==> flow/design.v <==
module cpu_mult_rtl_pp_row #(parameter N = 4) (
    input wire [N-1:0] a,
    input wire sel,
    input wire [N-1:0] pin,
    output wire [N:0] pout
);
    assign pout = pin + (a & {N{sel}});
endmodule
module cpu_mult_rtl #(
    parameter W = 6
) (
    input wire ck,
    input wire i_rst_n,
    input wire [W-1:0] in_first,
    input wire [W-1:0] in_second,
    output wire [2*W-1:0] out_res
);
    reg [W-1:0] first_reg;
    reg [W-1:0] second_reg;
    always @(posedge ck) begin
        if (~i_rst_n) begin
            first_reg <= 0;
            second_reg <= 0;
        end else begin
            first_reg <= in_first;
            second_reg <= in_second;
        end
    end
    wire [W:0] node [0:W];
    wire [W-1:0] lo;
    assign node[0] = 0;
    genvar k;
    generate
        for (k = 0; k < W; k = k + 1) begin : stage
            cpu_mult_rtl_pp_row #(.N(W)) el (.a(first_reg), .sel(second_reg[k]), .pin(node[k][W:1]), .pout(node[k+1]));
            assign lo[k] = node[k+1][0];
        end
    endgenerate
    assign out_res = {node[W][W:1], lo};
endmodule
Memo
Re: synthesis data of cpu_mult_rtl

Tool chain data of cpu_mult_rtl --
Module cpu_mult_rtl in several versions that differ in "W"; each step lists the members. The file above is the member W=6. Line numbers count from 1 in each member's own file. Operators: Yosys type, input widths -> output width; for muxes data width and select width s. Not given: --
Design: top module cpu_mult_rtl, clock ck, standard-cell library sky130hd, corner tt_025C_1v80

Source of the members --
Lines of each other member's file that are new or changed against the file above; lines that a member lacks are not shown.
Lines new or changed:
- W 7 | line 10 | parameter W = 7
- W 8 | line 10 | parameter W = 8
- W 9 | line 10 | parameter W = 9
- W 10 | line 10 | parameter W = 10
- W 14 | line 10 | parameter W = 14
- W 20 | line 10 | parameter W = 20

Word-level counts --
Yosys after proc, flatten, opt, wreduce and memory -nomap, before mapping. Enables and synchronous resets that opt folds into registers are not counted as muxes. Memory bits, and registers merged into a memory's read port (data or address), are not among the register bits. Print and check cells are not counted. Equal cells are merged and count once.
Operators by class:
- W 6 | $mul 0, div/mod/pow operators 0, shift operators 0, equality and inequality tests 0, reductions and logical operators 0, mux-type cells 0, $add $sub $neg 5, $lt $le $gt $ge 0, bitwise gates (word level) 6
- W 7 | $mul 0, div/mod/pow operators 0, shift operators 0, equality and inequality tests 0, reductions and logical operators 0, mux-type cells 0, $add $sub $neg 6, $lt $le $gt $ge 0, bitwise gates (word level) 7
- W 8 | $mul 0, div/mod/pow operators 0, shift operators 0, equality and inequality tests 0, reductions and logical operators 0, mux-type cells 0, $add $sub $neg 7, $lt $le $gt $ge 0, bitwise gates (word level) 8
- W 9 | $mul 0, div/mod/pow operators 0, shift operators 0, equality and inequality tests 0, reductions and logical operators 0, mux-type cells 0, $add $sub $neg 8, $lt $le $gt $ge 0, bitwise gates (word level) 9
- W 10 | $mul 0, div/mod/pow operators 0, shift operators 0, equality and inequality tests 0, reductions and logical operators 0, mux-type cells 0, $add $sub $neg 9, $lt $le $gt $ge 0, bitwise gates (word level) 10
- W 14 | $mul 0, div/mod/pow operators 0, shift operators 0, equality and inequality tests 0, reductions and logical operators 0, mux-type cells 0, $add $sub $neg 13, $lt $le $gt $ge 0, bitwise gates (word level) 14
- W 20 | $mul 0, div/mod/pow operators 0, shift operators 0, equality and inequality tests 0, reductions and logical operators 0, mux-type cells 0, $add $sub $neg 19, $lt $le $gt $ge 0, bitwise gates (word level) 20
Operator list (kinds with counts):
- W 6 | 6 x $and 6x6->6; 4 x $add 6x7->7; 1 x $add 5x7->7
- W 7 | 7 x $and 7x7->7; 5 x $add 7x8->8; 1 x $add 6x8->8
- W 8 | 8 x $and 8x8->8; 6 x $add 8x9->9; 1 x $add 7x9->9
- W 9 | 9 x $and 9x9->9; 7 x $add 9x10->10; 1 x $add 8x10->10
- W 10 | 10 x $and 10x10->10; 8 x $add 10x11->11; 1 x $add 9x11->11
- W 14 | 14 x $and 14x14->14; 12 x $add 14x15->15; 1 x $add 13x15->15
- W 20 | 20 x $and 20x20->20; 18 x $add 20x21->21; 1 x $add 19x21->21
Storage and ports:
- W 6 | memory cells 0, ROM bits 0, register bits 12, RAM bits 0, input port bits 14, word width x clocked read ports 0, bits in latches 0
- W 7 | memory cells 0, ROM bits 0, register bits 14, RAM bits 0, input port bits 16, word width x clocked read ports 0, bits in latches 0
- W 8 | memory cells 0, ROM bits 0, register bits 16, RAM bits 0, input port bits 18, word width x clocked read ports 0, bits in latches 0
- W 9 | memory cells 0, ROM bits 0, register bits 18, RAM bits 0, input port bits 20, word width x clocked read ports 0, bits in latches 0
- W 10 | memory cells 0, ROM bits 0, register bits 20, RAM bits 0, input port bits 22, word width x clocked read ports 0, bits in latches 0
- W 14 | memory cells 0, ROM bits 0, register bits 28, RAM bits 0, input port bits 30, word width x clocked read ports 0, bits in latches 0
- W 20 | memory cells 0, ROM bits 0, register bits 40, RAM bits 0, input port bits 42, word width x clocked read ports 0, bits in latches 0

Logic depth --
Yosys ltp: most cells in a row. Word level: on the elaborated netlist, between registers, memories and ports. Mapped: between sequential cells and ports; inverters and the memories' decode and read muxes count.
Logic depth:
- W 6 | depth in word-level cells 6, ABC_AREA 0, gate-level depth with buffers 25, mapped depth without buffers 25
- W 7 | depth in word-level cells 7, ABC_AREA 0, gate-level depth with buffers 30, mapped depth without buffers 30
- W 8 | depth in word-level cells 8, ABC_AREA 0, gate-level depth with buffers 36, mapped depth without buffers 36
- W 9 | depth in word-level cells 9, ABC_AREA 0, gate-level depth with buffers 42, mapped depth without buffers 42
- W 10 | depth in word-level cells 10, ABC_AREA 0, gate-level depth with buffers 49, mapped depth without buffers 48
- W 14 | depth in word-level cells 14, ABC_AREA 0, gate-level depth with buffers 76, mapped depth without buffers 75
- W 20 | depth in word-level cells 20, ABC_AREA 0, gate-level depth with buffers 121, mapped depth without buffers 118

After synthesis --
Source: synth_stat.txt of the flow (Yosys; design flattened, memories mapped). It holds for the ABC_AREA given above (unset counts as 0); a run with the other value may have another netlist.
Cells by type (type and count):
- W 6 | 29 x sky130_fd_sc_hd__ha_1; 45 x sky130_fd_sc_hd__and2_1; 12 x sky130_fd_sc_hd__dfxtp_1; 12 x sky130_fd_sc_hd__xnor2_1; 5 x sky130_fd_sc_hd__fa_1; 13 x sky130_fd_sc_hd__o21ai_0; 5 x sky130_fd_sc_hd__a211oi_2; 7 x sky130_fd_sc_hd__a21o_1; 10 x sky130_fd_sc_hd__a21oi_1; 5 x sky130_fd_sc_hd__o21bai_1; 4 x sky130_fd_sc_hd__xor2_1; 4 x sky130_fd_sc_hd__a211oi_1; 8 x sky130_fd_sc_hd__inv_1; 3 x sky130_fd_sc_hd__a21oi_2; 4 x sky130_fd_sc_hd__nand2b_1; 6 x sky130_fd_sc_hd__nor2_1; 2 x sky130_fd_sc_hd__o31a_1; 2 x sky130_fd_sc_hd__o21a_1; (+10)
- W 7 | 41 x sky130_fd_sc_hd__ha_1; 58 x sky130_fd_sc_hd__and2_1; 14 x sky130_fd_sc_hd__dfxtp_1; 17 x sky130_fd_sc_hd__xnor2_1; 24 x sky130_fd_sc_hd__a21oi_1; 6 x sky130_fd_sc_hd__fa_1; 14 x sky130_fd_sc_hd__nor2b_1; 21 x sky130_fd_sc_hd__inv_1; 14 x sky130_fd_sc_hd__o21ai_0; 13 x sky130_fd_sc_hd__nand2_1; 5 x sky130_fd_sc_hd__xor2_1; 4 x sky130_fd_sc_hd__a311o_1; 10 x sky130_fd_sc_hd__nor2_1; 4 x sky130_fd_sc_hd__o31a_1; 4 x sky130_fd_sc_hd__a21o_1; 4 x sky130_fd_sc_hd__o21a_1; 4 x sky130_fd_sc_hd__a31oi_1; 3 x sky130_fd_sc_hd__nor4_1; (+20)
- W 8 | 55 x sky130_fd_sc_hd__ha_1; 75 x sky130_fd_sc_hd__and2_1; 16 x sky130_fd_sc_hd__dfxtp_1; 26 x sky130_fd_sc_hd__xnor2_1; 7 x sky130_fd_sc_hd__fa_1; 23 x sky130_fd_sc_hd__a21oi_1; 29 x sky130_fd_sc_hd__nor2_1; 24 x sky130_fd_sc_hd__inv_1; 10 x sky130_fd_sc_hd__xor2_1; 21 x sky130_fd_sc_hd__nand2_1; 8 x sky130_fd_sc_hd__a21oi_2; 9 x sky130_fd_sc_hd__o21a_1; 10 x sky130_fd_sc_hd__nor2b_1; 11 x sky130_fd_sc_hd__o21ai_1; 4 x sky130_fd_sc_hd__o21ai_2; 3 x sky130_fd_sc_hd__a21boi_2; 6 x sky130_fd_sc_hd__nor3_1; 3 x sky130_fd_sc_hd__and3b_1; (+33)
- W 9 | 72 x sky130_fd_sc_hd__ha_1; 93 x sky130_fd_sc_hd__and2_1; 18 x sky130_fd_sc_hd__dfxtp_1; 41 x sky130_fd_sc_hd__xnor2_1; 26 x sky130_fd_sc_hd__a21o_1; 35 x sky130_fd_sc_hd__a21oi_1; 8 x sky130_fd_sc_hd__fa_1; 32 x sky130_fd_sc_hd__inv_1; 13 x sky130_fd_sc_hd__xor2_1; 21 x sky130_fd_sc_hd__o21ai_0; 26 x sky130_fd_sc_hd__nor2_1; 10 x sky130_fd_sc_hd__nand4_1; 14 x sky130_fd_sc_hd__nand2_1; 8 x sky130_fd_sc_hd__nor2b_1; 6 x sky130_fd_sc_hd__a211oi_1; 6 x sky130_fd_sc_hd__o21a_1; 6 x sky130_fd_sc_hd__o21bai_1; 7 x sky130_fd_sc_hd__a31oi_1; (+35)
- W 10 | 90 x sky130_fd_sc_hd__ha_1; 123 x sky130_fd_sc_hd__and2_1; 53 x sky130_fd_sc_hd__xnor2_1; 20 x sky130_fd_sc_hd__dfxtp_1; 56 x sky130_fd_sc_hd__a21oi_1; 24 x sky130_fd_sc_hd__a21o_1; 9 x sky130_fd_sc_hd__fa_1; 19 x sky130_fd_sc_hd__xor2_1; 5 x sky130_fd_sc_hd__a2111oi_4; 34 x sky130_fd_sc_hd__inv_1; 23 x sky130_fd_sc_hd__o21ai_0; 26 x sky130_fd_sc_hd__nand2_1; 14 x sky130_fd_sc_hd__and3_1; 9 x sky130_fd_sc_hd__a21oi_2; 10 x sky130_fd_sc_hd__nor2b_1; 5 x sky130_fd_sc_hd__and3_4; 9 x sky130_fd_sc_hd__nand2b_1; 5 x sky130_fd_sc_hd__o21bai_2; (+61)
- W 14 | 181 x sky130_fd_sc_hd__ha_1; 219 x sky130_fd_sc_hd__and2_1; 91 x sky130_fd_sc_hd__xnor2_1; 28 x sky130_fd_sc_hd__dfxtp_1; 107 x sky130_fd_sc_hd__a21oi_1; 83 x sky130_fd_sc_hd__o21ai_0; 40 x sky130_fd_sc_hd__xor2_1; 45 x sky130_fd_sc_hd__a21o_1; 85 x sky130_fd_sc_hd__nor2_1; 77 x sky130_fd_sc_hd__inv_1; 13 x sky130_fd_sc_hd__fa_1; 56 x sky130_fd_sc_hd__nand2_1; 27 x sky130_fd_sc_hd__o21a_1; 32 x sky130_fd_sc_hd__nor2b_1; 25 x sky130_fd_sc_hd__nand3_1; 32 x sky130_fd_sc_hd__clkbuf_1; 12 x sky130_fd_sc_hd__a211oi_1; 18 x sky130_fd_sc_hd__nor3_1; (+153)
- W 20 | 379 x sky130_fd_sc_hd__ha_1; 437 x sky130_fd_sc_hd__and2_1; 231 x sky130_fd_sc_hd__xnor2_1; 235 x sky130_fd_sc_hd__a21oi_1; 119 x sky130_fd_sc_hd__a21o_1; 40 x sky130_fd_sc_hd__dfxtp_1; 186 x sky130_fd_sc_hd__nor2_1; 70 x sky130_fd_sc_hd__xor2_1; 151 x sky130_fd_sc_hd__inv_1; 106 x sky130_fd_sc_hd__o21ai_0; 126 x sky130_fd_sc_hd__nand2_1; 77 x sky130_fd_sc_hd__nor3_1; 19 x sky130_fd_sc_hd__fa_1; 97 x sky130_fd_sc_hd__clkbuf_1; 62 x sky130_fd_sc_hd__nand3_1; 48 x sky130_fd_sc_hd__nor2b_1; 40 x sky130_fd_sc_hd__o21bai_1; 39 x sky130_fd_sc_hd__o21a_1; (+415)
A list marked (+n) leaves out that many cells.
Synthesis totals:
- W 6 | mapped flip-flops 12, cells in the netlist 186, sequential area 240.2 um^2, cell area after synthesis 1610.3 um^2
- W 7 | mapped flip-flops 14, cells in the netlist 280, sequential area 280.3 um^2, cell area after synthesis 2233.4 um^2
- W 8 | mapped flip-flops 16, cells in the netlist 373, sequential area 320.3 um^2, cell area after synthesis 2960.3 um^2
- W 9 | mapped flip-flops 18, cells in the netlist 477, sequential area 360.3 um^2, cell area after synthesis 3771.1 um^2
- W 10 | mapped flip-flops 20, cells in the netlist 595, sequential area 400.4 um^2, cell area after synthesis 4844.6 um^2
- W 14 | mapped flip-flops 28, cells in the netlist 1324, sequential area 560.5 um^2, cell area after synthesis 9686.8 um^2
- W 20 | mapped flip-flops 40, cells in the netlist 2877, sequential area 800.8 um^2, cell area after synthesis 20673.6 um^2
The figures by module come from a second, unflattened synthesis with its own total; it is not the netlist above.
Unflattened totals:
- W 6 | cell total of the unflattened synthesis 230, area (unflattened synthesis) 2006.9 um^2
- W 7 | cell total of the unflattened synthesis 338, area (unflattened synthesis) 2690.1 um^2
- W 8 | cell total of the unflattened synthesis 434, area (unflattened synthesis) 3443.3 um^2
- W 9 | cell total of the unflattened synthesis 497, area (unflattened synthesis) 4176.5 um^2
- W 10 | cell total of the unflattened synthesis 683, area (unflattened synthesis) 5445.2 um^2
- W 14 | cell total of the unflattened synthesis 1613, area (unflattened synthesis) 11404.7 um^2
- W 20 | cell total of the unflattened synthesis 3825, area (unflattened synthesis) 26660.6 um^2

Path before layout --
OpenSTA on the mapped netlist: ideal clock, no wires. The path of least setup slack (recovery checks aside). Input and output delay are each 20% of the period. Register names are those of the netlist, which keeps one name where synthesis merged equal registers.
Timing path after synthesis:
- W 6 | path kind register to output, from register first_reg[1], to output port out_res[11], stages on the path 19, delay of the path 4544 ps, period 7100 ps, slack 1136 ps, period reached after synthesis 5964 ps
- W 7 | path kind register to output, from register second_reg[1], to output port out_res[11], stages on the path 31, delay of the path 5774 ps, period 9020 ps, slack 1442 ps, period reached after synthesis 7578 ps
- W 8 | path kind register to output, from register first_reg[1], to output port out_res[14], stages on the path 34, delay of the path 6230 ps, period 9730 ps, slack 1554 ps, period reached after synthesis 8176 ps
- W 9 | path kind register to output, from register first_reg[1], to output port out_res[16], stages on the path 42, delay of the path 7640 ps, period 11900 ps, slack 1880 ps, period reached after synthesis 10020 ps
- W 10 | path kind register to output, from register first_reg[1], to output port out_res[17], stages on the path 45, delay of the path 10070 ps, period 15700 ps, slack 2490 ps, period reached after synthesis 13210 ps
- W 14 | path kind register to output, from register second_reg[0], to output port out_res[26], stages on the path 73, delay of the path 13832 ps, period 21600 ps, slack 3448 ps, period reached after synthesis 18152 ps
- W 20 | path kind register to output, from register second_reg[1], to output port out_res[39], stages on the path 108, delay of the path 20690 ps, period 32300 ps, slack 5150 ps, period reached after synthesis 27150 ps
"delay of the path" is the arrival time less input delay plus setup time. A path that ends at an output port has no setup time. "stages on the path" counts driving pins, that of a launching flip-flop among them; a cell with two outputs on the path counts twice. "period reached after synthesis" is the clock period less the worst setup slack; recovery checks do not enter. This is arithmetic on one report: input and output delays are still those of the set period (20% each). The rows between start and end are the longest chain of elaborated cells between them; the timing report does not say that the signal goes this way. Where chains are equally long, one stands for them. Each line given opens the expression or statement behind the cell; cells for indexed reads and writes are added by Yosys, which also makes memories of some case tables.
Between the ends, after synthesis, W=6: length of the longest elaborated chain 6
Ends and longest elaborated chain, after synthesis, W=6:
- start: declaration | line 18 | reg [W-1:0] first_reg;
- start: assignment | line 22 | first_reg <= 0;
- start: assignment | line 25 | first_reg <= in_first;
- $and 6x6->6 | line 7 | assign pout = pin + (a & {N{sel}});
- $add 5x7->7 | line 7
- $add 6x7->7 x4 | line 7
- end: declaration | line 16 | output wire [2*W-1:0] out_res
Between the ends, after synthesis, W=20: length of the longest elaborated chain 20
Ends and longest elaborated chain, after synthesis, W=20:
- start: declaration | line 19 | reg [W-1:0] second_reg;
- start: assignment | line 23 | second_reg <= 0;
- start: assignment | line 26 | second_reg <= in_second;
- $and 20x20->20 | line 7 | assign pout = pin + (a & {N{sel}});
- $add 19x21->21 | line 7
- $add 20x21->21 x18 | line 7
- end: declaration | line 16 | output wire [2*W-1:0] out_res

Path in the finished layout --
Path of least setup slack in the final report of each member's run (OpenROAD, finished layout, wires in). Where an end is a register, its clock arrival counts in the times. The path's times are printed in steps of 10 ps; the period is the one set.
Timing path post-layout:
- W 6 | path kind register to output, from register first_reg[1], to output port out_res[9], buffers on the path 1, period 7100 ps, stages on the path 20, slack 310 ps, arrival 5370 ps
- W 7 | path kind register to output, from register first_reg[1], to output port out_res[12], buffers on the path 1, period 9020 ps, stages on the path 31, slack 390 ps, arrival 6830 ps
- W 8 | path kind register to output, from register first_reg[1], to output port out_res[12], buffers on the path 1, period 9730 ps, stages on the path 33, slack 470 ps, arrival 7310 ps
- W 9 | path kind register to output, from register first_reg[0], to output port out_res[15], buffers on the path 1, period 11900 ps, stages on the path 42, slack 570 ps, arrival 8950 ps
- W 10 | path kind register to output, from register first_reg[0], to output port out_res[17], buffers on the path 1, period 15700 ps, stages on the path 45, slack 860 ps, arrival 11700 ps
- W 14 | path kind register to output, from register first_reg[0], to output port out_res[26], buffers on the path 1, period 21600 ps, stages on the path 72, slack 1420 ps, arrival 15860 ps
- W 20 | path kind register to output, from register first_reg[2], to output port out_res[38], buffers on the path 2, period 32300 ps, stages on the path 106, slack 1810 ps, arrival 24030 ps

Layout results --
One run of the flow (Yosys, OpenROAD) for each member, with settings and measured results. Input and output delays are each 20% of the period that was set; the output load is 0.01 pF.
Settings: CAP_MARGIN 20, CORE_MARGIN 2, CORE_UTILIZATION 40, SLEW_MARGIN 20
Settings that differ (period_ns):
- W 6 | 7.1
- W 7 | 9.02
- W 8 | 9.73
- W 9 | 11.9
- W 10 | 15.7
- W 14 | 21.6
- W 20 | 32.3
Final reports:
- W 6 | mapped cell area after synthesis 1610.3 um^2, lowest setup slack 314 ps, total die area 4549.5 um^2, standard-cell area of the final layout 2032.0 um^2, worst hold slack in the final report 1760 ps, sum of negative setup slack 0 ps, period achieved 6786 ps
- W 7 | mapped cell area after synthesis 2233.4 um^2, lowest setup slack 387 ps, total die area 6196.8 um^2, standard-cell area of the final layout 2727.6 um^2, worst hold slack in the final report 2118 ps, sum of negative setup slack 0 ps, period achieved 8633 ps
- W 8 | mapped cell area after synthesis 2960.3 um^2, lowest setup slack 474 ps, total die area 8105.4 um^2, standard-cell area of the final layout 3542.2 um^2, worst hold slack in the final report 2268 ps, sum of negative setup slack 0 ps, period achieved 9256 ps
- W 9 | mapped cell area after synthesis 3771.1 um^2, lowest setup slack 565 ps, total die area 10220.2 um^2, standard-cell area of the final layout 4401.7 um^2, worst hold slack in the final report 2689 ps, sum of negative setup slack 0 ps, period achieved 11335 ps
- W 10 | mapped cell area after synthesis 4844.6 um^2, lowest setup slack 861 ps, total die area 13007.4 um^2, standard-cell area of the final layout 5539.1 um^2, worst hold slack in the final report 3456 ps, sum of negative setup slack 0 ps, period achieved 14839 ps
- W 14 | mapped cell area after synthesis 9686.8 um^2, lowest setup slack 1417 ps, total die area 25478.5 um^2, standard-cell area of the final layout 10639.0 um^2, worst hold slack in the final report 4612 ps, sum of negative setup slack 0 ps, period achieved 20183 ps
- W 20 | mapped cell area after synthesis 20673.6 um^2, lowest setup slack 1809 ps, total die area 53518.2 um^2, standard-cell area of the final layout 22297.6 um^2, worst hold slack in the final report 6715 ps, sum of negative setup slack 0 ps, period achieved 30491 ps
"period achieved" means the clock period less the worst setup slack. The figure is calculated, with input and output delays left at 20% of the set period.
